==> flow/design.v <==
module dp_mplex_v2 #(
    parameter XLEN = 64
) (
    input  clock,
    input  srst,
    input  [XLEN-1:0] ch_0_in,
    input  [XLEN-1:0] ch_1_in,
    input  [XLEN-1:0] ch_2_in,
    input  [XLEN-1:0] ch_3_in,
    input  [XLEN-1:0] ch_4_in,
    input  [XLEN-1:0] ch_5_in,
    input  [4:0] addr_in,
    output [XLEN-1:0] result_out
);
    reg [XLEN-1:0] ch_0_r;
    reg [XLEN-1:0] ch_1_r;
    reg [XLEN-1:0] ch_2_r;
    reg [XLEN-1:0] ch_3_r;
    reg [XLEN-1:0] ch_4_r;
    reg [XLEN-1:0] ch_5_r;
    reg [4:0] addr_r;
    reg [XLEN-1:0] work;
    always @(*) begin
        casez (addr_r)
            5'b????1: work = ch_0_r;
            5'b???10: work = ch_1_r;
            5'b??100: work = ch_2_r;
            5'b?1000: work = ch_3_r;
            5'b10000: work = ch_4_r;
            default: work = ch_5_r;
        endcase
    end
    assign result_out = work;
    always @(posedge clock) begin
        if (srst) begin
            ch_0_r <= 0;
            ch_1_r <= 0;
            ch_2_r <= 0;
            ch_3_r <= 0;
            ch_4_r <= 0;
            ch_5_r <= 0;
            addr_r <= 0;
        end else begin
            ch_0_r <= ch_0_in;
            ch_1_r <= ch_1_in;
            ch_2_r <= ch_2_in;
            ch_3_r <= ch_3_in;
            ch_4_r <= ch_4_in;
            ch_5_r <= ch_5_in;
            addr_r <= addr_in;
        end
    end
endmodule
**Step by step through the tools: dp_mplex_v2**

What the tools print for dp_mplex_v2, step after step.
Line numbers count from 1 in the design file above.
Library cell names are shortened.
Not given: -

- Top: dp_mplex_v2
- Clock input: clock
- Cell library: sky130hd
- Corner: tt_025C_1v80

**Word level**

Source: Yosys, flattened and elaborated, memories not mapped. Widths are those after wreduce; folded enables and synchronous resets count as part of the registers. Registers that Yosys merges into a memory's read port (data or address) are not register bits. Print and check cells do not count. Equal cells are merged and count once.

- Bits in registers: 389
- Latch bits: 0
- RAM bits: 0
- Memory bits (read-only): 0
- Word width x clocked read ports: 0
- Memories kept: 0
- Input port bits: 391
- Output and inout bits: 64
- Elaborated cells: 12

- Add/sub/neg operators: 0
- Multiply operators: 0
- Div/mod/pow operators: 0
- Order comparisons: 0
- Equality and inequality tests: 4
- Shift-type cells: 0
- Multiplexer cells: 1
- Bitwise gates (word level): 0
- Reduce/logical cells: 0

Operators by type and width:

| operator | number |
|---|---|
| 64-bit case mux with 5-bit select | 1 |
| 5-bit equality test with constant B | 1 |
| 4-bit equality test with constant B | 1 |
| 3-bit equality test with constant B | 1 |
| 2-bit equality test with constant B | 1 |

**Longest topological paths**

Longest topological path by Yosys (ltp), each cell counted once; first at word level (registers and memories cut), then after technology mapping (sequential cells cut; the memories' decode and read muxes count).

- Word-level depth: 2
- ABC_AREA: 0
- Depth in mapped cells: 6
- Mapped depth without buffers: 3

**Netlist**

Source: synth_stat.txt of the flow (Yosys; design flattened, memories mapped). It holds for the ABC_AREA given above (unset counts as 0); a run with the other value may have another netlist.
Totals and module areas in this step are rounded.

Cells by type:

| type | number | total area (sq um) |
|---|---|---|
| dfxtp_1 | 389 | 7.79E+03 |
| nor2b_1 | 389 | 2.43E+03 |
| a2bb2oi_2 | 60 | 900.864 |
| a22oi_2 | 60 | 750.72 |
| a22o_1 | 64 | 560.538 |
| nand3b_1 | 64 | 480.461 |
| nand2b_1 | 65 | 406.64 |
| a21oi_1 | 64 | 320.307 |
| clkbuf_1 | 69 | 258.998 |
| inv_1 | 64 | 240.23 |
| buf_12 | 6 | 120.115 |
| buf_2 | 22 | 110.106 |
| buf_4 | 7 | 52.55 |
| a2bb2oi_1 | 4 | 35.034 |
| a22oi_1 | 4 | 30.029 |
| nor4b_4 | 1 | 23.773 |
| buf_6 | 2 | 22.522 |
| nor4_2 | 1 | 12.512 |

- Cells in the netlist: 1335
- Cell area after synthesis: 0.0145 sq mm
- Sequential area: 0.00779 sq mm
- Flip-flop cells: 389
- Buffer cells: 106

**Worst setup path after synthesis**

Path of least setup slack by OpenSTA after synthesis, without wires, with an ideal clock, recovery checks aside; 20% of the period is set as input and as output delay. Where synthesis merged equal registers, the netlist keeps one of their names.

- Kind: register -> output
- From: reg addr_r[1]
- To: out result_out[0]
- Clock period: 2090 ps
- Output delay: 418 ps
- Launch time at the first pin: 0 ps
- Arrival: 1340 ps
- Data required time: 1672 ps
- Slack: 332 ps
- Delay of the path: 1340 ps
- Stages on the path: 7
- Path buffers: 3
- Period reached after synthesis: 1758 ps

"delay of the path" is the arrival time less input delay plus setup time.
A path that ends at an output port has no setup time.
"stages on the path" counts driving pins, that of a launching flip-flop among them; a cell with two outputs on the path counts twice.
"period reached after synthesis" is the clock period less the worst setup slack; recovery checks do not enter. This is arithmetic on one report: input and output delays are still those of the set period (20% each).
The rows between start and end are the longest chain of elaborated cells between them; the timing report does not say that the signal goes this way. Where chains are equally long, one stands for them.
Each line given opens the expression or statement behind the cell; cells for indexed reads and writes are added by Yosys, which also makes memories of some case tables.

- Path through: dfxtp_1 buf_6 nor4b_4 buf_6 buf_12 a22oi_2 a2bb2oi_2
- Length of the longest elaborated chain: 2
- Elaborated cells on any way between the ends: 5
- RTL lines with such cells: 1
- Those cells by class: eq/ne: 4; mux: 1

Ends and longest elaborated chain, post-synthesis:

| what | RTL line | text |
|---|---|---|
| start: declaration | 21 | `reg [4:0] addr_r;` |
| start: assignment | 42 | `addr_r <= 0;` |
| start: assignment | 50 | `addr_r <= addr_in;` |
| 5-bit equality test | 24 | `casez (addr_r)` |
| 64-bit case mux with 5-bit select | 24 |  |
| end: declaration | 13 | `output [XLEN-1:0] result_out` |

**Path in the finished layout**

Path of least setup slack in the final report of stored run 1 (OpenROAD, finished layout, wires in). Where an end is a register, its clock arrival counts in the times.
The path's times are printed in steps of 10 ps; the period is the one set.

- Kind: register -> output
- From: reg addr_r[1]
- To: out result_out[3]
- Clock period: 2090 ps
- Output delay: 420 ps
- Launch time at the first pin: 530 ps
- Arrival: 2160 ps
- Data required time: 1670 ps
- Slack: -480 ps
- Stages on the path: 9
- Path buffers: 5

The rows between start and end are the longest chain of elaborated cells between them; the timing report does not say that the signal goes this way. Where chains are equally long, one stands for them.

- Path through: dfxtp_4 nor4_4 buf_4 buf_12 nand2b_4 buf_6 clkbuf_16 a2bb2oi_2 buf_2
- Length of the longest elaborated chain: 2
- Elaborated cells on any way between the ends: 5
- RTL lines with such cells: 1
- Those cells by class: eq/ne: 4; mux: 1

Ends and longest elaborated chain, post-layout:

| what | RTL line | text |
|---|---|---|
| start: declaration | 21 | `reg [4:0] addr_r;` |
| start: assignment | 42 | `addr_r <= 0;` |
| start: assignment | 50 | `addr_r <= addr_in;` |
| 5-bit equality test | 24 | `casez (addr_r)` |
| 64-bit case mux with 5-bit select | 24 |  |
| end: declaration | 13 | `output [XLEN-1:0] result_out` |

FLOW RESULTS
============

Stored flow runs of dp_mplex_v2 (2 of them; Yosys, OpenROAD, sky130hd). They differ in their settings and are not a sequence. Constraints: input delay and output delay 20% of the set period each, output load 0.01 pF.
By "reached clock period" is meant the clock period of the run minus its worst setup slack. This is arithmetic on one report: input and output delays are still those of the set period (20% each).
"critical setup path time" is the time allowed to the run's worst setup path (the clock period less input and output delay, where it has them) less its slack. Clock arrival times count: a late capture clock shortens it, a late launch clock lengthens it.
"power" rests on the timing tool's default activity at the inputs, not on a simulated workload.
"critical setup path time" is given in steps of 10 ps.
The results are shown rounded.

### Stored run 1

==> flow/run.sh <==
#!/bin/bash
# the make line also repeats the synthesis and layout settings of config.mk as NAME=value (left out here)
make -C /OpenROAD-flow-scripts/flow DESIGN_CONFIG=/design/flow/config.mk WORK_HOME=/design/flow/orfs CLKGATE_MAP_FILE= finish
==> flow/config.mk <==
export PLATFORM = sky130hd
export DESIGN_NAME = dp_mplex_v2
export DESIGN_NICKNAME = dp_mplex_v2
export VERILOG_FILES = /design/flow/design.v
export SDC_FILE = /design/flow/constraint.sdc
export NUM_CORES = 4
export LEC_CHECK = 0
export CAP_MARGIN = 20
export CORE_MARGIN = 2
export CORE_UTILIZATION = 40
export SLEW_MARGIN = 20
==> flow/constraint.sdc <==
create_clock -name core_clock -period 2.09 [get_ports {clock}]
set_input_delay 0.4180 -clock core_clock [delete_from_list [all_inputs] [get_ports {clock}]]
set_output_delay 0.4180 -clock core_clock [all_outputs]
set_load 0.01 [all_outputs]

Results of stored run 1:
- Utilization: 0.606
- Worst setup slack after layout: -483 ps
- Critical setup path time: 2160 ps
- Critical path kind: register -> output
- Final setup TNS: -25600 ps
- Standard-cell area after layout: 0.0216 sq mm
- Die footprint: 0.0379 sq mm
- Post-synthesis cell area: 0.0145 sq mm
- Power: 18.3 mW
- Lowest hold slack: 238 ps
- Reached clock period: 2573 ps

### Stored run 2

==> flow/run.sh <==
#!/bin/bash
# the make line also repeats the synthesis and layout settings of config.mk as NAME=value (left out here)
make -C /OpenROAD-flow-scripts/flow DESIGN_CONFIG=/design/flow/config.mk WORK_HOME=/design/flow/orfs CLKGATE_MAP_FILE= finish
==> flow/config.mk <==
export PLATFORM = sky130hd
export DESIGN_NAME = dp_mplex_v2
export DESIGN_NICKNAME = dp_mplex_v2
export VERILOG_FILES = /design/flow/design.v
export SDC_FILE = /design/flow/constraint.sdc
export NUM_CORES = 4
export LEC_CHECK = 0
export ABC_AREA = 0
export CAP_MARGIN = 40
export CORE_MARGIN = 2
export CORE_UTILIZATION = 38
export CTS_CLUSTER_SIZE = 52
export MAX_ROUTING_LAYER = met5
export MIN_ROUTING_LAYER = met2
export SETUP_SLACK_MARGIN = 0.26
export SLEW_MARGIN = 5
export TNS_END_PERCENT = 55
==> flow/constraint.sdc <==
create_clock -name core_clock -period 1.23 [get_ports {clock}]
set_input_delay 0.2460 -clock core_clock [delete_from_list [all_inputs] [get_ports {clock}]]
set_output_delay 0.2460 -clock core_clock [all_outputs]
set_load 0.01 [all_outputs]

Results of stored run 2:
- Utilization: 0.574
- Worst setup slack after layout: -1320 ps
- Critical setup path time: 2310 ps
- Critical path kind: register -> output
- Final setup TNS: -79900 ps
- Standard-cell area after layout: 0.0216 sq mm
- Die footprint: 0.0399 sq mm
- Post-synthesis cell area: 0.0145 sq mm
- Power: 31.4 mW
- Lowest hold slack: 95 ps
- Reached clock period: 2554 ps
